==> flow/design.v <==
module reg_file_stage (sys_clk, rstn, wen, waddr, din, rsel, q);
    parameter integer D = 40;
    parameter integer DATA_W = 2;
    parameter integer NUM_RD = 2;
    localparam integer ADDR_W = $clog2(D);
    input sys_clk;
    input rstn;
    input wen;
    input [ADDR_W-1:0] waddr;
    input [DATA_W-1:0] din;
    input [NUM_RD*ADDR_W-1:0] rsel;
    output reg [NUM_RD*DATA_W-1:0] q;
    reg wen_s;
    reg [ADDR_W-1:0] waddr_s;
    reg [DATA_W-1:0] din_s;
    reg [D*DATA_W-1:0] rf;
    genvar i;
    generate
        for (i = 0; i < D; i = i + 1) begin : slice
            always @(posedge sys_clk)
                if (wen_s && waddr_s == i) rf[i*DATA_W +: DATA_W] <= din_s;
        end
    endgenerate
    reg [NUM_RD*ADDR_W-1:0] rsel_s;
    reg [NUM_RD*DATA_W-1:0] tmp;
    integer gj;
    integer idx;
    always @* begin
        tmp = 0;
        for (gj = 0; gj < NUM_RD; gj = gj + 1) begin
            for (idx = 0; idx < D; idx = idx + 1)
                tmp[gj*DATA_W +: DATA_W] = tmp[gj*DATA_W +: DATA_W] | (rf[idx*DATA_W +: DATA_W] & {DATA_W{rsel_s[gj*ADDR_W +: ADDR_W] == idx}});
        end
    end
    always @(posedge sys_clk or negedge rstn) begin
        if (!rstn) begin
            wen_s <= 1'b0;
            waddr_s <= 0;
            din_s <= 0;
            rsel_s <= 0;
            q <= 0;
        end else begin
            wen_s <= wen;
            waddr_s <= waddr;
            din_s <= din;
            rsel_s <= rsel;
            q <= tmp;
        end
    end
endmodule
Reports on reg_file_stage
What the tools print for reg_file_stage, step after step.
Lines are those of the file above, counted from 1.
Operators: Yosys type, input widths -> output width; for muxes data width and select width s.
Library cell names are shortened.
{ "inputs": {"design": "reg_file_stage", "clock_port": "sys_clk", "library": "sky130hd", "pvt_corner": "tt_025C_1v80"} }

After elaboration
Source: Yosys, flattened and elaborated, memories not mapped. Widths are those after wreduce; folded enables and synchronous resets count as part of the registers. Registers that Yosys merges into a memory's read port (data or address) are not register bits. Print and check cells do not count. Equal cells are merged and count once.
{ "classes": {"equal": 117, "reduce_and_logical": 43, "logic": 158} }
{ "ops": {"columns": ["op", "n"], "rows": [
  ["$eq 6x5->1 const B", 48],
  ["$and 2x2->2", 80],
  ["$or 2x2->2", 78],
  ["$eq 6x4->1 const B", 24],
  ["$eq 6x6->1 const B", 24],
  ["$eq 6x3->1 const B", 12],
  ["$logic_and 1x1->1", 40],
  ["$eq 6x2->1 const B", 6],
  ["$eq 6x1->1 const B", 3],
  ["$logic_not 6->1", 3]
]} }
{ "word_totals": {"regBits": 105} }

Longest topological paths
Yosys ltp: most cells in a row. Word level: on the elaborated netlist, between registers, memories and ports. Mapped: between sequential cells and ports; inverters and the memories' decode and read muxes count.
{ "logic_depth": {"depth_word": 41, "abc_area": 0, "mapped_depth": 9} }

Mapped cells and area
The flow's flattened synthesis, as Yosys stat reports it; memories are mapped. The netlist is that of the ABC_AREA named above (0 if unset); the other value can give another one.
{ "types": {"columns": ["cell", "n"], "rows": [
  ["edfxtp_1", 80],
  ["dfrtp_1", 25],
  ["nor2_1", 48],
  ["mux2i_1", 16],
  ["mux4_2", 5],
  ["buf_2", 19],
  ["mux2_1", 8],
  ["mux2_2", 8],
  ["nand3b_1", 11],
  ["nand4_1", 13],
  ["nand3_1", 16],
  ["nand2_1", 20],
  ["nor2b_1", 10],
  ["a31oi_1", 9],
  ["buf_6", 5],
  ["nand2b_1", 9],
  ["o21ai_0", 11],
  ["a22oi_1", 7]
]} }
Not listed: further types 47, cells in them 114.
{ "mapped": {"stdcells": 434, "seqArea_um2": 3027.9, "buf_cells": 32, "mapped_area_um2": 5277.6, "ffs": 105} }

Worst setup path after synthesis
Source: OpenSTA report_checks on the synthesized netlist (no wires, ideal clock, input and output delay 20% of the period each), path of least setup slack; recovery checks are left aside. Register names are those of the netlist, which keeps one name where synthesis merged equal registers.
{ "synth_path": {"path_type": "reg2reg", "from": "register waddr_s[4]", "to": "register rf[16]", "slack_ns": 0.454, "t_arrival_ns": 1.487, "path_stages": 5, "setup_ns": 0.329, "path_delay_ns": 1.816, "clock_period_ns": 2.27, "required_time_ns": 1.941, "launch_ns": 0.000, "synth_period_reached_ns": 1.816} }
"path_delay_ns" = arrival - input delay + setup time.
"path_stages": output pins that drive a net of the path, with the launching flip-flop's if there is one; two outputs of one cell count as two.
"synth_period_reached_ns" is the clock period less the worst setup slack; recovery checks do not enter. This is arithmetic on one report: input and output delays are still those of the set period (20% each).
The rows between start and end are the longest chain of elaborated cells between them; the timing report does not say that the signal goes this way. Where chains are equally long, one stands for them.
Each line given opens the expression or statement behind the cell; cells for indexed reads and writes are added by Yosys, which also makes memories of some case tables.
{ "synth_between": {"cell_sequence": "dfrtp_1 > or3b_1 > buf_2 > or3b_1 > nor3_1", "elab_chain_cells": 2, "cells_between": 2, "classes_between": "eq/ne (1); reduce/logical (1)"} }
{ "synth_rtl": {"columns": ["item", "line_no", "source"], "rows": [
  ["start, declared", 14, "reg [ADDR_W-1:0] waddr_s;"],
  ["start, assigned", 38, "waddr_s <= 0;"],
  ["start, assigned", 44, "waddr_s <= waddr;"],
  ["$eq 6x4->1", 21, "if (wen_s && waddr_s == i) rf[i*DATA_W +: DATA_W] <= din_s;"],
  ["$logic_and 1x1->1", 21, null],
  ["end, assigned", 21, null],
  ["end, declared", 16, "reg [D*DATA_W-1:0] rf;"]
]} }

Path in the finished layout
From the final timing report of stored run 1: the path of least setup slack in the routed layout; clock arrival at registers is part of the times.
{ "layout_path": {"path_type": "reg2reg", "from": "register rsel_s[2]", "to": "register q[1]", "setup_ns": 0.13, "t_arrival_ns": 2.33, "launch_ns": 0.35, "slack_ns": 0.32, "clock_period_ns": 2.42, "path_stages": 6, "required_time_ns": 2.64} }
The rows between start and end are the longest chain of elaborated cells between them; the timing report does not say that the signal goes this way. Where chains are equally long, one stands for them.
{ "layout_between": {"cell_sequence": "dfrtp_1 > and4bb_4 > a221oi_2 > a211oi_1 > nor4_1 > o2111ai_1", "elab_chain_cells": 41, "cells_between": 119, "classes_between": "eq/ne (39); logic (79); reduce/logical (1)"} }
{ "layout_rtl": {"columns": ["item", "line_no", "source"], "rows": [
  ["start, declared", 24, "reg [NUM_RD*ADDR_W-1:0] rsel_s;"],
  ["start, assigned", 40, "rsel_s <= 0;"],
  ["start, assigned", 46, "rsel_s <= rsel;"],
  ["$logic_not 6->1", 32, "tmp[gj*DATA_W +: DATA_W] = tmp[gj*DATA_W +: DATA_W] | (rf[idx*DATA_W +: DATA_W] & {DATA_W{rsel_s[gj*ADDR_W +: ..."],
  ["$and 2x2->2", 32, null],
  ["$or 2x2->2 x39", 32, null],
  ["end, assigned", 41, "q <= 0;"],
  ["end, assigned", 47, "q <= tmp;"],
  ["end, declared", 12, "output reg [NUM_RD*DATA_W-1:0] q;"]
]} }

Ticket comment

Top module reg_file_stage; platform sky130hd; tools Yosys and OpenROAD; 3 stored runs in no particular order. Input and output delays are each 20% of the period that was set; the output load is 0.01 pF.
"achieved clock period (ns)" = clock period - worst setup slack. The figure is calculated, with input and output delays left at 20% of the set period.
"worst setup path time (ns)": the worst setup path's part of the clock period (all of it between registers, 20% less for each end at a port) less its slack. A launch clock that arrives late makes it longer, a capture clock that arrives late makes it shorter.
By "finish__power__total" is meant OpenSTA's value without simulated activity: inputs other than the clock are taken to toggle once in ten clock periods, and the tool carries that through the logic.

settings of stored run 1
{
  "period_ns": 2.42,
  "CORE_UTILIZATION": 38,
  "PLACE_DENSITY_LB_ADDON": 0.02,
  "CORE_MARGIN": 9,
  "CELL_PAD_IN_SITES_GLOBAL_PLACEMENT": 0,
  "TNS_END_PERCENT": 10,
  "ABC_AREA": 0,
  "GPL_TIMING_DRIVEN": 1,
  "CTS_CLUSTER_SIZE": 64,
  "CAP_MARGIN": 20,
  "SLEW_MARGIN": 20
}
report of stored run 1
yosys chip area after synthesis (um^2): 5277.6
finish__design__die__area: 18455.2
finish__design__instance__area__stdcell: 6068.3
finish__design__instance__utilization: 0.4528
finish__timing__setup__ws: 0.316
finish__timing__setup__tns: 0.000
finish__timing__hold__ws: 0.319
finish__power__total: 3.850e-03
achieved clock period (ns): 2.104
worst setup path time (ns): 2.10
worst setup path kind: reg2reg

settings of stored run 2
{
  "period_ns": 1.57,
  "CORE_UTILIZATION": 43,
  "PLACE_DENSITY_LB_ADDON": 0.11,
  "CELL_PAD_IN_SITES_DETAIL_PLACEMENT": 0,
  "TNS_END_PERCENT": 25,
  "ABC_AREA": 0,
  "GPL_ROUTABILITY_DRIVEN": 1,
  "CTS_CLUSTER_DIAMETER": 82,
  "CAP_MARGIN": 15,
  "SLEW_MARGIN": 25,
  "CORE_MARGIN": 2
}
report of stored run 2
yosys chip area after synthesis (um^2): 5277.6
finish__design__die__area: 13175.6
finish__design__instance__area__stdcell: 7150.6
finish__design__instance__utilization: 0.5953
finish__timing__setup__ws: -0.226
finish__timing__setup__tns: -1.688
finish__timing__hold__ws: 0.337
finish__power__total: 6.089e-03
achieved clock period (ns): 1.796
worst setup path time (ns): 1.80
worst setup path kind: reg2reg

settings of stored run 3
{
  "period_ns": 2.27,
  "CAP_MARGIN": 20,
  "CORE_MARGIN": 2,
  "CORE_UTILIZATION": 40,
  "SLEW_MARGIN": 20
}
report of stored run 3
yosys chip area after synthesis (um^2): 5277.6
finish__design__die__area: 14128.9
finish__design__instance__area__stdcell: 6052.1
finish__design__instance__utilization: 0.4738
finish__timing__setup__ws: 0.177
finish__timing__setup__tns: 0.000
finish__timing__hold__ws: 0.485
finish__power__total: 4.033e-03
achieved clock period (ns): 2.093
worst setup path time (ns): 2.09
worst setup path kind: reg2reg
